==> flow/design.v <==
module alu_addsub #(
    parameter integer WD = 20
) (
    input logic clk_i,
    input logic nrst,
    input logic [WD-1:0] arg0_in,
    input logic sub_in,
    input logic clear_in,
    output logic [WD-1:0] result_out
);
    logic [WD-1:0] cnt;
    always_ff @(posedge clk_i or negedge nrst) begin
        if (~nrst) begin
            cnt <= '0;
        end else begin
            cnt <= clear_in ? arg0_in : sub_in ? cnt - arg0_in : cnt + arg0_in;
        end
    end
    assign result_out = cnt;
endmodule
## Step by step through the tools: alu_addsub

What the tools print for alu_addsub, step after step.
Lines are those of the file above, counted from 1.
Operators carry their Yosys type and port widths (W data, S select, Z words).
Cell names lack the library's common part.
The mark n/a stands for no value.

| set-up | value |
|---|---|
| top | alu_addsub |
| clock | clk_i |
| standard-cell library | sky130hd |
| corner | tt_025C_1v80 |

## Word-level counts

Source: Yosys, flattened and elaborated, memories not mapped. Widths are those after wreduce; folded enables and synchronous resets count as part of the registers. Registers that Yosys merges into a memory's read port (data or address) are not register bits. Print and check cells do not count. Equal cells are merged and count once.

| operators by class | value |
|---|---|
| $add $sub $neg | 2 |
| mux-type cells | 2 |

Operator list:

| kind | number |
|---|---|
| $mux W20 | 2 |
| $add A20 B20 Y20 | 1 |
| $sub A20 B20 Y20 | 1 |

| bit counts | value |
|---|---|
| flip-flop bits (word level) | 20 |
| elaborated cells | 5 |

## Depth

Yosys ltp: most cells in a row. Word level: on the elaborated netlist, between registers, memories and ports. Mapped: between sequential cells and ports; inverters and the memories' decode and read muxes count.

| depth | value |
|---|---|
| depth after elaboration | 3 |
| ABC_AREA | 0 |
| mapped depth | 16 |
| depth with buffers taken out | 16 |

## Mapped cells and area

The flow's flattened synthesis, as Yosys stat reports it; memories are mapped. The netlist is that of the ABC_AREA named above (0 if unset); the other value can give another one.
Totals and module areas in this step are rounded.

| synthesis totals | value |
|---|---|
| mapped cells | 263 |
| cell area after synthesis | 2200 µm² |
| sequential part of the area | 500 µm² |
| mapped flip-flops | 20 |

Cell types:

| type | number | total area (µm²) |
|---|---|---|
| dfrtp_1 | 20 | 500.48 |
| ha_1 | 20 | 250.24 |
| xnor2_1 | 27 | 236.477 |
| a21oi_1 | 26 | 130.125 |
| nand2_1 | 31 | 116.362 |
| nor2_1 | 25 | 93.84 |
| o21ai_0 | 18 | 90.086 |
| nor4_4 | 3 | 63.811 |
| a21o_1 | 6 | 45.043 |
| inv_1 | 11 | 41.29 |
| nor3_1 | 7 | 35.034 |
| a21oi_2 | 3 | 26.275 |
| xor2_1 | 3 | 26.275 |
| o21ai_1 | 5 | 25.024 |
| a211oi_1 | 3 | 22.522 |
| clkbuf_1 | 6 | 22.522 |
| o21bai_1 | 3 | 22.522 |
| o21bai_2 | 2 | 22.522 |

Not listed: further types 35, cells in them 44.

## Path before layout

Source: OpenSTA report_checks on the synthesized netlist (no wires, ideal clock, input and output delay 20% of the period each), path of least setup slack; recovery checks are left aside. Register names are those of the netlist, which keeps one name where synthesis merged equal registers.

| timing path after synthesis | value |
|---|---|
| path type | input port to flip-flop |
| start point | in arg0_in[0] |
| end point | reg cnt[18] |
| period | 3.92 ns |
| external input delay | 0.784 ns |
| setup time | 0.094 ns |
| time at the first pin | 0.784 ns |
| arrival | 3.198 ns |
| path slack | 0.628 ns |
| delay of the path | 2.508 ns |
| stages | 14 |
| buffers on the path | 0 |
| period reached after synthesis | 3.292 ns |

"delay of the path" = arrival - input delay + setup time.
"stages": output pins that drive a net of the path, with the launching flip-flop's if there is one; two outputs of one cell count as two.
"period reached after synthesis" is the clock period less the worst setup slack; recovery checks do not enter. This is arithmetic on one report: input and output delays are still those of the set period (20% each).
The rows between start and end are the longest chain of elaborated cells between them; the timing report does not say that the signal goes this way. Where chains are equally long, one stands for them.
Each line given opens the expression or statement behind the cell; cells for indexed reads and writes are added by Yosys, which also makes memories of some case tables.

| on the way, after synthesis | value |
|---|---|
| cell sequence | inv_1 > ha_1 > nor3b_1 > and2_1 > a21oi_1 > xnor2_1 > ha_1 > and3_4 > nor2b_4 > a41o_1 > a21o_1 > a221oi_2 > a21oi_1 > a211oi_1 |
| length of the longest elaborated chain | 3 |

RTL lines, path after synthesis:

| item | RTL line | text |
|---|---|---|
| from (decl) | 6 | `input logic [WD-1:0] arg0_in,` |
| $add A20 B20 Y20 | 16 | `cnt <= clear_in ? arg0_in : sub_in ? cnt - arg0_in : cnt + arg0_in;` |
| $mux W20 (2 in a row) | 16 |  |
| to (assign) | 14 | `cnt <= '0;` |
| to (assign) | 16 |  |
| to (decl) | 11 | `logic [WD-1:0] cnt;` |

## Worst path after layout

From the final timing report of record 1: the path of least setup slack in the routed layout; clock arrival at registers is part of the times.

| timing path after layout | value |
|---|---|
| path type | input port to flip-flop |
| start point | in arg0_in[11] |
| end point | reg cnt[18] |
| period | 5.0 ns |
| external input delay | 1.00 ns |
| setup time | 0.08 ns |
| time at the first pin | 1.00 ns |
| arrival | 3.72 ns |
| path slack | 1.45 ns |
| stages | 14 |
| buffers on the path | 1 |

The rows between start and end are the longest chain of elaborated cells between them; the timing report does not say that the signal goes this way. Where chains are equally long, one stands for them.

| on the way, after layout | value |
|---|---|
| cell sequence | dlygate4sd2_1 > nor4_4 > nand2b_1 > nor2_2 > a21oi_1 > xnor2_1 > ha_4 > nand2_2 > nor2b_4 > a41o_1 > a21o_1 > a221oi_2 > a21oi_1 > a211oi_1 |
| length of the longest elaborated chain | 3 |

RTL lines, path after layout:

| item | RTL line | text |
|---|---|---|
| from (decl) | 6 | `input logic [WD-1:0] arg0_in,` |
| $add A20 B20 Y20 | 16 | `cnt <= clear_in ? arg0_in : sub_in ? cnt - arg0_in : cnt + arg0_in;` |
| $mux W20 (2 in a row) | 16 |  |
| to (assign) | 14 | `cnt <= '0;` |
| to (assign) | 16 |  |
| to (decl) | 11 | `logic [WD-1:0] cnt;` |

Module alu_addsub, platform sky130hd: 3 stored runs of the flow (Yosys, OpenROAD) with differing settings, in no particular order. Input and output delays are each 20% of the period that was set; the output load is 0.01 pF.
"achieved period" is the run's clock period less its worst setup slack. It is reckoned from that one timing run; input and output delays stay at 20% of the period that was set.
"total power after layout" rests on the timing tool's default activity at the inputs, not on a simulated workload.
The measured numbers are rounded.

#### Record 1

| setting | value |
|---|---|
| period_ns | `5.0` |
| CORE_UTILIZATION | `39` |
| SETUP_SLACK_MARGIN | `1.35` |
| PLACE_DENSITY | `0.57` |
| CORE_ASPECT_RATIO | `0.86` |
| CELL_PAD_IN_SITES_GLOBAL_PLACEMENT | `2` |
| TNS_END_PERCENT | `75` |
| SLEW_MARGIN | `10` |
| MAX_ROUTING_LAYER | `met5` |
| CAP_MARGIN | `20` |
| CORE_MARGIN | `2` |

| result | value |
|---|---|
| post-route setup TNS | 0.000 ns |
| total die area | 6200 µm² |
| total power after layout | 1.5 mW |
| achieved period | 3.546 ns |
| chip area after synthesis (Yosys) | 2200 µm² |
| setup slack of the worst path | 1.5 ns |
| final design utilization | 53 % |

#### Record 2

| setting | value |
|---|---|
| period_ns | `4.2` |
| CORE_UTILIZATION | `20` |
| SETUP_SLACK_MARGIN | `0.41` |
| CORE_ASPECT_RATIO | `0.7` |
| CORE_MARGIN | `7` |
| CELL_PAD_IN_SITES_GLOBAL_PLACEMENT | `3` |
| CTS_CLUSTER_SIZE | `19` |
| CTS_CLUSTER_DIAMETER | `164` |
| MIN_ROUTING_LAYER | `met1` |
| MAX_ROUTING_LAYER | `met5` |
| CAP_MARGIN | `20` |
| SLEW_MARGIN | `20` |

| result | value |
|---|---|
| post-route setup TNS | 0.000 ns |
| total die area | 14000 µm² |
| total power after layout | 1.9 mW |
| achieved period | 3.615 ns |
| chip area after synthesis (Yosys) | 2200 µm² |
| setup slack of the worst path | 0.59 ns |
| final design utilization | 30 % |

#### Record 3

| setting | value |
|---|---|
| period_ns | `3.92` |
| CAP_MARGIN | `20` |
| CORE_MARGIN | `2` |
| CORE_UTILIZATION | `40` |
| SLEW_MARGIN | `20` |

| result | value |
|---|---|
| post-route setup TNS | 0.000 ns |
| total die area | 6000 µm² |
| total power after layout | 2.0 mW |
| achieved period | 3.651 ns |
| chip area after synthesis (Yosys) | 2200 µm² |
| setup slack of the worst path | 0.27 ns |
| final design utilization | 58 % |
